==> flow/design.v <==
module mul_unit #(
   parameter DWIDTH = 20
) (
   input logic ck,
   input logic i_rst,
   input logic [DWIDTH-1:0] da_in,
   input logic [DWIDTH-1:0] db_in,
   output logic [2*DWIDTH-1:0] result_out
);
   logic [DWIDTH-1:0] da_ff;
   logic [DWIDTH-1:0] db_ff;
   always_ff @(posedge ck) begin
      if (i_rst) begin
         da_ff <= 0;
         db_ff <= 0;
      end else begin
         da_ff <= da_in;
         db_ff <= db_in;
      end
   end
   logic [2*DWIDTH-1:0] cur;
   always_comb begin
      cur = 0;
      for (int i = 0; i < DWIDTH; i++)
         if (db_ff[i]) cur = cur + (da_ff << i);
   end
   logic [2*DWIDTH-1:0] result_ff;
   always_ff @(posedge ck) begin
      if (i_rst) begin
         result_ff <= 0;
      end else begin
         result_ff <= cur;
      end
   end
   assign result_out = result_ff;
endmodule
### From RTL to reports: mul_unit

The steps from the RTL of mul_unit to its reports follow in flow order.
Line numbers count from 1 in the design file above.
A cell with -- has no value.

| inputs | value |
|---|---|
| top module | mul_unit |
| clock port | ck |
| library | sky130hd |
| timing corner | tt_025C_1v80 |

### After elaboration

Source: Yosys, flattened and elaborated, memories not mapped. Widths are those after wreduce; folded enables and synchronous resets count as part of the registers. Registers that Yosys merges into a memory's read port (data or address) are not register bits. Print and check cells do not count. Equal cells are merged and count once.

| operators by class | value |
|---|---|
| $add $sub $neg | 19 |
| multiplexer cells | 20 |

Operators with widths:

| kind | number |
|---|---|
| 40-bit 2-to-1 mux | 19 |
| 40-bit by 21-bit adder with 40-bit output | 1 |
| 40-bit by 22-bit adder with 40-bit output | 1 |
| 40-bit by 23-bit adder with 40-bit output | 1 |
| 40-bit by 24-bit adder with 40-bit output | 1 |
| 40-bit by 25-bit adder with 40-bit output | 1 |
| 40-bit by 26-bit adder with 40-bit output | 1 |
| 40-bit by 27-bit adder with 40-bit output | 1 |
| 40-bit by 28-bit adder with 40-bit output | 1 |
| 40-bit by 29-bit adder with 40-bit output | 1 |
| 40-bit by 30-bit adder with 40-bit output | 1 |
| 40-bit by 31-bit adder with 40-bit output | 1 |
| 40-bit by 32-bit adder with 40-bit output | 1 |
| 40-bit by 33-bit adder with 40-bit output | 1 |
| 40-bit by 34-bit adder with 40-bit output | 1 |
| 40-bit by 35-bit adder with 40-bit output | 1 |
| 40-bit by 36-bit adder with 40-bit output | 1 |
| 40-bit by 37-bit adder with 40-bit output | 1 |
| 40-bit by 38-bit adder with 40-bit output | 1 |
| 40-bit by 39-bit adder with 40-bit output | 1 |
| 20-bit 2-to-1 mux | 1 |

| storage and ports | value |
|---|---|
| bits in registers | 80 |
| output and inout bits | 40 |

### Logic depth

Depth = most cells in a row (Yosys ltp): at word level without a register or memory, in the mapped netlist without a sequential cell, where the memories' decode and read muxes count.

| depth | value |
|---|---|
| depth in word-level cells | 39 |
| ABC_AREA | 1 |
| mapped depth | 164 |

### Mapped cells and area

Yosys stat after the flow's synthesis: flattened, memories mapped to cells. It holds for the ABC_AREA given above (unset counts as 0); a run with the other value may have another netlist.
Totals and module areas in this step are rounded.

Cell types:

| type | number | area in all (um2) |
|---|---|---|
| sky130_fd_sc_hd__ha_1 | 379 | 4.74E+03 |
| sky130_fd_sc_hd__nand2_1 | 1018 | 3.82E+03 |
| sky130_fd_sc_hd__a21oi_1 | 358 | 1.79E+03 |
| sky130_fd_sc_hd__nand3_1 | 352 | 1761.69 |
| sky130_fd_sc_hd__inv_1 | 464 | 1741.67 |
| sky130_fd_sc_hd__dfxtp_1 | 80 | 1.6E+03 |
| sky130_fd_sc_hd__xor2_1 | 135 | 1.18E+03 |
| sky130_fd_sc_hd__nor2_1 | 290 | 1.09E+03 |
| sky130_fd_sc_hd__o21ai_0 | 191 | 955.917 |
| sky130_fd_sc_hd__xnor2_1 | 75 | 656.88 |
| sky130_fd_sc_hd__o21ai_1 | 119 | 595.571 |
| sky130_fd_sc_hd__and2_1 | 87 | 544.272 |
| sky130_fd_sc_hd__or2_2 | 65 | 406.64 |
| sky130_fd_sc_hd__fa_1 | 19 | 380.365 |
| sky130_fd_sc_hd__o21ai_2 | 33 | 289.027 |
| sky130_fd_sc_hd__nand4_1 | 36 | 225.216 |
| sky130_fd_sc_hd__buf_6 | 18 | 202.694 |
| sky130_fd_sc_hd__o21bai_1 | 25 | 187.68 |

Not listed: further types 41, cells in them 335.

| mapped netlist | value |
|---|---|
| mapped cells | 4079 |
| mapped area | 24000 um2 |
| sequential area | 1600 um2 |
| mapped flip-flops | 80 |

### Worst setup path after synthesis

Path of least setup slack by OpenSTA after synthesis, without wires, with an ideal clock, recovery checks aside; 20% of the period is set as input and as output delay. Where synthesis merged equal registers, the netlist keeps one of their names.

| path post-synthesis | value |
|---|---|
| path type | reg-to-reg |
| start | reg db_ff[0] |
| end | reg result_ff[39] |
| period | 32200 ps |
| library setup time | 115 ps |
| arrival | 21938 ps |
| required time | 32085 ps |
| setup slack | 10146 ps |
| delay of the path | 22053 ps |
| stages on the path | 151 |
| path buffers | 3 |
| period reached after synthesis | 22054 ps |

"delay of the path" = arrival - input delay + setup time.
"stages on the path": output pins that drive a net of the path, with the launching flip-flop's if there is one; two outputs of one cell count as two.
"period reached after synthesis" is the clock period less the worst setup slack; recovery checks do not enter. This is arithmetic on one report: input and output delays are still those of the set period (20% each).
The rows between start and end are the longest chain of elaborated cells between them; the timing report does not say that the signal goes this way. Where chains are equally long, one stands for them.
Each line given opens the expression or statement behind the cell; cells for indexed reads and writes are added by Yosys, which also makes memories of some case tables.

| between the ends, post-synthesis | value |
|---|---|
| path through | sky130_fd_sc_hd__dfxtp_1 sky130_fd_sc_hd__buf_6 sky130_fd_sc_hd__buf_12 sky130_fd_sc_hd__buf_4 sky130_fd_sc_hd__nand2_1 sky130_fd_sc_hd__inv_1 sky130_fd_sc_hd__ha_1 sky130_fd_sc_hd__fa_1 sky130_fd_sc_hd__nand3_2 sky130_fd_sc_hd__nand2_1 sky130_fd_sc_hd__a21oi_1 sky130_fd_sc_hd__xor2_1 sky130_fd_sc_hd__a21oi_1 sky130_fd_sc_hd__ha_1 sky130_fd_sc_hd__nand2_1 sky130_fd_sc_hd__nor4_1 sky130_fd_sc_hd__a21oi_1 sky130_fd_sc_hd__o21ai_0 (+115 left out) sky130_fd_sc_hd__nor2_1 sky130_fd_sc_hd__nor2_1 sky130_fd_sc_hd__o21bai_1 sky130_fd_sc_hd__or2_2 sky130_fd_sc_hd__nand3_1 sky130_fd_sc_hd__nand2_1 sky130_fd_sc_hd__ha_1 sky130_fd_sc_hd__a21oi_1 sky130_fd_sc_hd__nand2_1 sky130_fd_sc_hd__xor2_1 sky130_fd_sc_hd__o21ai_1 sky130_fd_sc_hd__ha_1 sky130_fd_sc_hd__a21oi_1 sky130_fd_sc_hd__nand2_1 sky130_fd_sc_hd__nand2_1 sky130_fd_sc_hd__a21boi_0 sky130_fd_sc_hd__o21ai_0 sky130_fd_sc_hd__inv_1 |
| cells in the longest elaborated chain | 39 |

Ends and longest elaborated chain, post-synthesis:

| what | line | RTL |
|---|---|---|
| start, declared | 11 | `logic [DWIDTH-1:0] db_ff;` |
| start, assigned | 15 | `db_ff <= 0;` |
| start, assigned | 18 | `db_ff <= db_in;` |
| 20-bit 2-to-1 mux | 25 | `if (db_ff[i]) cur = cur + (da_ff << i);` |
| 40-bit by 21-bit adder with 40-bit output | 25 |  |
| 40-bit 2-to-1 mux | 25 |  |
| 40-bit by 22-bit adder with 40-bit output | 25 |  |
| 40-bit 2-to-1 mux | 25 |  |
| 40-bit by 23-bit adder with 40-bit output | 25 |  |
| 40-bit 2-to-1 mux | 25 |  |
| (+25 left out) | -- |  |
| 40-bit 2-to-1 mux | 25 |  |
| 40-bit by 37-bit adder with 40-bit output | 25 |  |
| 40-bit 2-to-1 mux | 25 |  |
| 40-bit by 38-bit adder with 40-bit output | 25 |  |
| 40-bit 2-to-1 mux | 25 |  |
| 40-bit by 39-bit adder with 40-bit output | 25 |  |
| 40-bit 2-to-1 mux | 25 |  |
| end, assigned | 30 | `result_ff <= 0;` |
| end, assigned | 32 | `result_ff <= cur;` |
| end, declared | 27 | `logic [2*DWIDTH-1:0] result_ff;` |

### Timing after layout

Path of least setup slack in the final report of record 1 (OpenROAD, finished layout, wires in). Where an end is a register, its clock arrival counts in the times.
The report prints the path's times to 10 ps; the period is as set.

| path post-layout | value |
|---|---|
| path type | reg-to-reg |
| start | reg da_ff[2] |
| end | reg result_ff[39] |
| period | 36100 ps |
| library setup time | 100 ps |
| arrival | 26480 ps |
| required time | 36370 ps |
| setup slack | 9890 ps |
| stages on the path | 139 |
| path buffers | 0 |

The rows between start and end are the longest chain of elaborated cells between them; the timing report does not say that the signal goes this way. Where chains are equally long, one stands for them.

| between the ends, post-layout | value |
|---|---|
| path through | sky130_fd_sc_hd__dfxtp_1 sky130_fd_sc_hd__nand2_1 sky130_fd_sc_hd__inv_2 sky130_fd_sc_hd__ha_1 sky130_fd_sc_hd__a21oi_1 sky130_fd_sc_hd__a21boi_2 sky130_fd_sc_hd__xnor2_1 sky130_fd_sc_hd__a21oi_1 sky130_fd_sc_hd__ha_1 sky130_fd_sc_hd__o21ai_0 sky130_fd_sc_hd__xor2_1 sky130_fd_sc_hd__o21ai_0 sky130_fd_sc_hd__ha_1 sky130_fd_sc_hd__a21oi_1 sky130_fd_sc_hd__nand2_1 sky130_fd_sc_hd__xnor2_1 sky130_fd_sc_hd__o21ai_0 sky130_fd_sc_hd__ha_1 (+103 left out) sky130_fd_sc_hd__nor2_1 sky130_fd_sc_hd__nor2_1 sky130_fd_sc_hd__o21bai_1 sky130_fd_sc_hd__or2_2 sky130_fd_sc_hd__nand3_1 sky130_fd_sc_hd__nand2_1 sky130_fd_sc_hd__ha_1 sky130_fd_sc_hd__a21oi_1 sky130_fd_sc_hd__nand2_1 sky130_fd_sc_hd__xor2_1 sky130_fd_sc_hd__o21ai_1 sky130_fd_sc_hd__ha_1 sky130_fd_sc_hd__a21oi_1 sky130_fd_sc_hd__nand2_1 sky130_fd_sc_hd__nand2_1 sky130_fd_sc_hd__a21boi_0 sky130_fd_sc_hd__o21ai_0 sky130_fd_sc_hd__inv_1 |
| cells in the longest elaborated chain | 39 |

Ends and longest elaborated chain, post-layout:

| what | line | RTL |
|---|---|---|
| start, declared | 10 | `logic [DWIDTH-1:0] da_ff;` |
| start, assigned | 14 | `da_ff <= 0;` |
| start, assigned | 17 | `da_ff <= da_in;` |
| 20-bit 2-to-1 mux | 25 | `if (db_ff[i]) cur = cur + (da_ff << i);` |
| 40-bit by 21-bit adder with 40-bit output | 25 |  |
| 40-bit 2-to-1 mux | 25 |  |
| 40-bit by 22-bit adder with 40-bit output | 25 |  |
| 40-bit 2-to-1 mux | 25 |  |
| 40-bit by 23-bit adder with 40-bit output | 25 |  |
| 40-bit 2-to-1 mux | 25 |  |
| (+25 left out) | -- |  |
| 40-bit 2-to-1 mux | 25 |  |
| 40-bit by 37-bit adder with 40-bit output | 25 |  |
| 40-bit 2-to-1 mux | 25 |  |
| 40-bit by 38-bit adder with 40-bit output | 25 |  |
| 40-bit 2-to-1 mux | 25 |  |
| 40-bit by 39-bit adder with 40-bit output | 25 |  |
| 40-bit 2-to-1 mux | 25 |  |
| end, assigned | 30 | `result_ff <= 0;` |
| end, assigned | 32 | `result_ff <= cur;` |
| end, declared | 27 | `logic [2*DWIDTH-1:0] result_ff;` |

Subject: flow runs of mul_unit

Hi,

mul_unit through Yosys and OpenROAD on sky130hd: 2 stored runs, unordered, with their settings and measured results. The constraints put input and output delay at 20% of the set period each and load the outputs with 0.01 pF.
"period achieved": clock period set for the run, less the worst setup slack. It is reckoned from that one timing run; input and output delays stay at 20% of the period that was set.
By "total design power" is meant OpenSTA's value without simulated activity: inputs other than the clock are taken to toggle once in ten clock periods, and the tool carries that through the logic.
The measured numbers are rounded.

#### Record 1

| setting | value |
|---|---|
| period_ns | `36.1` |
| CORE_UTILIZATION | `56` |
| SETUP_SLACK_MARGIN | `-2.0` |
| PLACE_DENSITY | `0.84` |
| CORE_MARGIN | `8` |
| CELL_PAD_IN_SITES_GLOBAL_PLACEMENT | `1` |
| CELL_PAD_IN_SITES_DETAIL_PLACEMENT | `0` |
| ABC_AREA | `1` |
| GPL_TIMING_DRIVEN | `1` |
| GPL_ROUTABILITY_DRIVEN | `1` |
| CAP_MARGIN | `25` |
| SLEW_MARGIN | `35` |

| result | value |
|---|---|
| total design power | 0.97 mW |
| period achieved | 26208 ps |
| post-layout utilization | 0.6 |
| die area | 50000 um2 |
| chip area after synthesis (Yosys) | 24000 um2 |
| std-cell area (final layout) | 26000 um2 |
| worst setup slack after layout | 9900 ps |

#### Record 2

| setting | value |
|---|---|
| period_ns | `32.2` |
| CAP_MARGIN | `20` |
| CORE_MARGIN | `2` |
| CORE_UTILIZATION | `40` |
| SLEW_MARGIN | `20` |

| result | value |
|---|---|
| total design power | 1.4 mW |
| period achieved | 29730 ps |
| post-layout utilization | 0.44 |
| die area | 68000 um2 |
| chip area after synthesis (Yosys) | 26000 um2 |
| std-cell area (final layout) | 28000 um2 |
| worst setup slack after layout | 2500 ps |

Regards
